==> flow/design.v <==
module my_cmp_unit_stage #(
  parameter W = 48
) (
  input  logic CLK,
  input  logic rst,
  input  logic [W-1:0] lhs_in,
  input  logic [W-1:0] rhs_in,
  input  logic [W-1:0] extra_in,
  output logic between_out
);
  logic between_s;
  always_ff @(posedge CLK or posedge rst) begin
    if (rst) begin
      between_s <= 1'b0;
    end else begin
      between_s <= (lhs_in >= rhs_in) && (lhs_in <= extra_in);
    end
  end
  assign between_out = between_s;
endmodule
# Tool chain data of my_cmp_unit_stage
# What the tools print for my_cmp_unit_stage, step after step.
# Lines are those of the file above, counted from 1.
# Cell names lack the library's common part.
# Not given: --
# inputs
design	my_cmp_unit_stage
clock_port	CLK
cell_library	sky130hd
corner	tt_025C_1v80

# Word level
# Yosys after proc, flatten, opt, wreduce and memory -nomap, before mapping. Enables and synchronous resets that opt folds into registers are not counted as muxes. Memory bits, and registers merged into a memory's read port (data or address), are not among the register bits. Print and check cells are not counted. Equal cells are merged and count once.
# op_classes
eq_ne	0
n_addsub	0
cmp	2
n_reduce_logical	1
mux	0
shifts	0
div	0
multipliers	0
logic	0
# ops
cell	count
>= comparator 48 bit	1
less-or-equal comparator 48 bit	1
logical AND 1 bit	1
# bits
ram_bits	0
memories	0
latch_bits	0
clocked_rd_ports_x_width	0
register_bits	1
wordCells	4
in_bits	146
out_inout_bits	1
mem_bits_ro	0

# Depth
# Yosys ltp: most cells in a row. Word level: on the elaborated netlist, between registers, memories and ports. Mapped: between sequential cells and ports; inverters and the memories' decode and read muxes count.
# logic_depth
depth_word	2
ABC_AREA	1
mapped_depth	16
mapped_depth_nobuf	16

# Synthesis result
# Source: synth_stat.txt of the flow (Yosys; design flattened, memories mapped). It holds for the ABC_AREA given above (unset counts as 0); a run with the other value may have another netlist.
# Totals and module areas in this step are rounded.
# mapped
seqArea_um2	25.0
n_buf	0
stdcells	442
flip_flops	1
synth_area_um2	2649
# types
type	count	type_area_um2
ha_1	96	1.2E+03
inv_1	127	476.707
nand2_1	114	427.91
a21oi_1	36	180.173
nor2_1	31	116.362
nand4_1	8	50.048
o21ai_0	8	40.038
a21o_1	4	30.029
nand3_1	6	30.029
dfrtp_1	1	25.024
nor3_1	4	20.019
nor2_2	2	12.512
nor3_2	1	10.01
nand3b_1	1	7.507
o21a_1	1	7.507
o21bai_1	1	7.507
nand2_2	1	6.256

# Timing after synthesis
# Path of least setup slack by OpenSTA after synthesis, without wires, with an ideal clock, recovery checks aside; 20% of the period is set as input and as output delay. Where synthesis merged equal registers, the netlist keeps one of their names.
# synth_path
path_type	input to register
from	input extra_in[47]
to	register between_s
slack_ns	0.851
path_delay_ns	1.166
required_ns	2.407
tclk_ns	2.52
arrival_time_ns	1.557
launch_ns	0.504
n_path_buf	0
setup_time_ns	0.113
driving_pins	13
input_delay_ns	0.504
period_less_setup_slack_ns	1.669
# "path_delay_ns" = arrival - input delay + setup time.
# "driving_pins": output pins that drive a net of the path, with the launching flip-flop's if there is one; two outputs of one cell count as two.
# "period_less_setup_slack_ns" = period - worst setup slack (recovery checks aside). The figure is calculated, with input and output delays left at 20% of the set period.
# The rows between start and end are the longest chain of elaborated cells between them; the timing report does not say that the signal goes this way. Where chains are equally long, one stands for them.
# Each line given opens the expression or statement behind the cell; cells for indexed reads and writes are added by Yosys, which also makes memories of some case tables.
# synth_via
cell_sequence	inv_1 > ha_1 > nand2_1 > nor2_2 > nand2_2 > nor3_2 > inv_1 > nor2_2 > nand2_1 > nand3_1 > nand2_1 > nand2_1 > inv_1
elab_chain_cells	2
cone_cells	2
lines_between	1
cone_classes	compare (1); reduce/logical (1)
# synth_rtl
element	line_no	text
start: declaration	8	input  logic [W-1:0] extra_in,
less-or-equal comparator 48 bit	16	between_s <= (lhs_in >= rhs_in) && (lhs_in <= extra_in);
logical AND 1 bit	16
end: assignment	14	between_s <= 1'b0;
end: assignment	16
end: declaration	11	logic between_s;

# Path in the finished layout
# Path of least setup slack in the final report of run 1 (OpenROAD, finished layout, wires in). Where an end is a register, its clock arrival counts in the times.
# layout_path
path_type	input to register
from	input rhs_in[7]
to	register between_s
slack_ns	0.01
tclk_ns	1.86
setup_time_ns	0.11
launch_ns	0.37
n_path_buf	1
arrival_time_ns	1.73
required_ns	1.75
driving_pins	12
input_delay_ns	0.37
# The rows between start and end are the longest chain of elaborated cells between them; the timing report does not say that the signal goes this way. Where chains are equally long, one stands for them.
# layout_via
cell_sequence	dlygate4sd2_1 > inv_2 > ha_4 > a21o_1 > nor2_2 > nand2_2 > nand2_1 > nand2_2 > nand2_1 > nand4_1 > nand2_1 > inv_1
elab_chain_cells	2
cone_cells	2
lines_between	1
cone_classes	compare (1); reduce/logical (1)
# layout_rtl
element	line_no	text
start: declaration	7	input  logic [W-1:0] rhs_in,
>= comparator 48 bit	16	between_s <= (lhs_in >= rhs_in) && (lhs_in <= extra_in);
logical AND 1 bit	16
end: assignment	14	between_s <= 1'b0;
end: assignment	16
end: declaration	11	logic between_s;

Add stored flow runs of my_cmp_unit_stage

Measured data: module my_cmp_unit_stage, platform sky130hd, 3 stored runs of the flow under differing settings, order arbitrary. Input and output delays are each 20% of the period that was set; the output load is 0.01 pF.
"period_less_ws_ns" is the run's clock period less its worst setup slack. It is reckoned from that one timing run; input and output delays stay at 20% of the period that was set.
"critical_path_time_ns": the worst setup path's part of the clock period (all of it between registers, 20% less for each end at a port) less its slack. A launch clock that arrives late makes it longer, a capture clock that arrives late makes it shorter.
"total_power_uw" rests on the timing tool's default activity at the inputs, not on a simulated workload.
The results are shown rounded.

Run 1, flow files:
==> flow/run.sh <==
#!/bin/bash
# the make line also repeats the synthesis and layout settings of config.mk as NAME=value (left out here)
make -C /OpenROAD-flow-scripts/flow DESIGN_CONFIG=/design/flow/config.mk WORK_HOME=/design/flow/orfs CLKGATE_MAP_FILE= finish
==> flow/config.mk <==
export PLATFORM = sky130hd
export DESIGN_NAME = my_cmp_unit_stage
export DESIGN_NICKNAME = my_cmp_unit_stage
export VERILOG_FILES = /design/flow/design.v
export SDC_FILE = /design/flow/constraint.sdc
export NUM_CORES = 4
export LEC_CHECK = 0
export ABC_AREA = 1
export CAP_MARGIN = 20
export CELL_PAD_IN_SITES_DETAIL_PLACEMENT = 2
export CELL_PAD_IN_SITES_GLOBAL_PLACEMENT = 2
export CORE_ASPECT_RATIO = 1.65
export CORE_MARGIN = 2
export CORE_UTILIZATION = 21
export GPL_ROUTABILITY_DRIVEN = 1
export GPL_TIMING_DRIVEN = 1
export MIN_ROUTING_LAYER = met1
export PLACE_DENSITY = 0.45
export SLEW_MARGIN = 35
==> flow/constraint.sdc <==
create_clock -name core_clock -period 1.86 [get_ports {CLK}]
set_input_delay 0.3720 -clock core_clock [delete_from_list [all_inputs] [get_ports {CLK}]]
set_output_delay 0.3720 -clock core_clock [all_outputs]
set_load 0.01 [all_outputs]

==> results of run 1, as CSV <==
result,value
post_route_util_pct,45.3
design.die.area_um2,13560
tns_setup_ns,0.000
total_power_uw,1269
setup_worst_slack_ns,0.014
synthArea_um2,2649
period_less_ws_ns,1.846
stdcell_area_um2,5568
critical_path_time_ns,1.47
timing.worst_path_kind,"input to register"

Run 2, flow files:
==> flow/run.sh <==
#!/bin/bash
# the make line also repeats the synthesis and layout settings of config.mk as NAME=value (left out here)
make -C /OpenROAD-flow-scripts/flow DESIGN_CONFIG=/design/flow/config.mk WORK_HOME=/design/flow/orfs CLKGATE_MAP_FILE= finish
==> flow/config.mk <==
export PLATFORM = sky130hd
export DESIGN_NAME = my_cmp_unit_stage
export DESIGN_NICKNAME = my_cmp_unit_stage
export VERILOG_FILES = /design/flow/design.v
export SDC_FILE = /design/flow/constraint.sdc
export NUM_CORES = 4
export LEC_CHECK = 0
export CAP_MARGIN = 20
export CORE_MARGIN = 2
export CORE_UTILIZATION = 40
export SLEW_MARGIN = 20
==> flow/constraint.sdc <==
create_clock -name core_clock -period 2.52 [get_ports {CLK}]
set_input_delay 0.5040 -clock core_clock [delete_from_list [all_inputs] [get_ports {CLK}]]
set_output_delay 0.5040 -clock core_clock [all_outputs]
set_load 0.01 [all_outputs]

==> results of run 2, as CSV <==
result,value
post_route_util_pct,87.0
design.die.area_um2,6783
tns_setup_ns,-0.037
total_power_uw,850.4
setup_worst_slack_ns,-0.037
synthArea_um2,2456
period_less_ws_ns,2.557
stdcell_area_um2,5150
critical_path_time_ns,2.05
timing.worst_path_kind,"input to register"

Run 3, flow files:
==> flow/run.sh <==
#!/bin/bash
# the make line also repeats the synthesis and layout settings of config.mk as NAME=value (left out here)
make -C /OpenROAD-flow-scripts/flow DESIGN_CONFIG=/design/flow/config.mk WORK_HOME=/design/flow/orfs CLKGATE_MAP_FILE= finish
==> flow/config.mk <==
export PLATFORM = sky130hd
export DESIGN_NAME = my_cmp_unit_stage
export DESIGN_NICKNAME = my_cmp_unit_stage
export VERILOG_FILES = /design/flow/design.v
export SDC_FILE = /design/flow/constraint.sdc
export NUM_CORES = 4
export LEC_CHECK = 0
export CAP_MARGIN = 20
export CORE_ASPECT_RATIO = 1.42
export CORE_MARGIN = 2
export CORE_UTILIZATION = 39
export CTS_CLUSTER_DIAMETER = 42
export GPL_ROUTABILITY_DRIVEN = 0
export MIN_ROUTING_LAYER = met2
export PLACE_DENSITY_LB_ADDON = 0.19
export SETUP_SLACK_MARGIN = 0.52
export SLEW_MARGIN = 20
==> flow/constraint.sdc <==
create_clock -name core_clock -period 1.77 [get_ports {CLK}]
set_input_delay 0.3540 -clock core_clock [delete_from_list [all_inputs] [get_ports {CLK}]]
set_output_delay 0.3540 -clock core_clock [all_outputs]
set_load 0.01 [all_outputs]

==> results of run 3, as CSV <==
result,value
post_route_util_pct,86.0
design.die.area_um2,6958
tns_setup_ns,-0.370
total_power_uw,1313
setup_worst_slack_ns,-0.370
synthArea_um2,2456
period_less_ws_ns,2.140
stdcell_area_um2,5270
critical_path_time_ns,1.79
timing.worst_path_kind,"input to register"
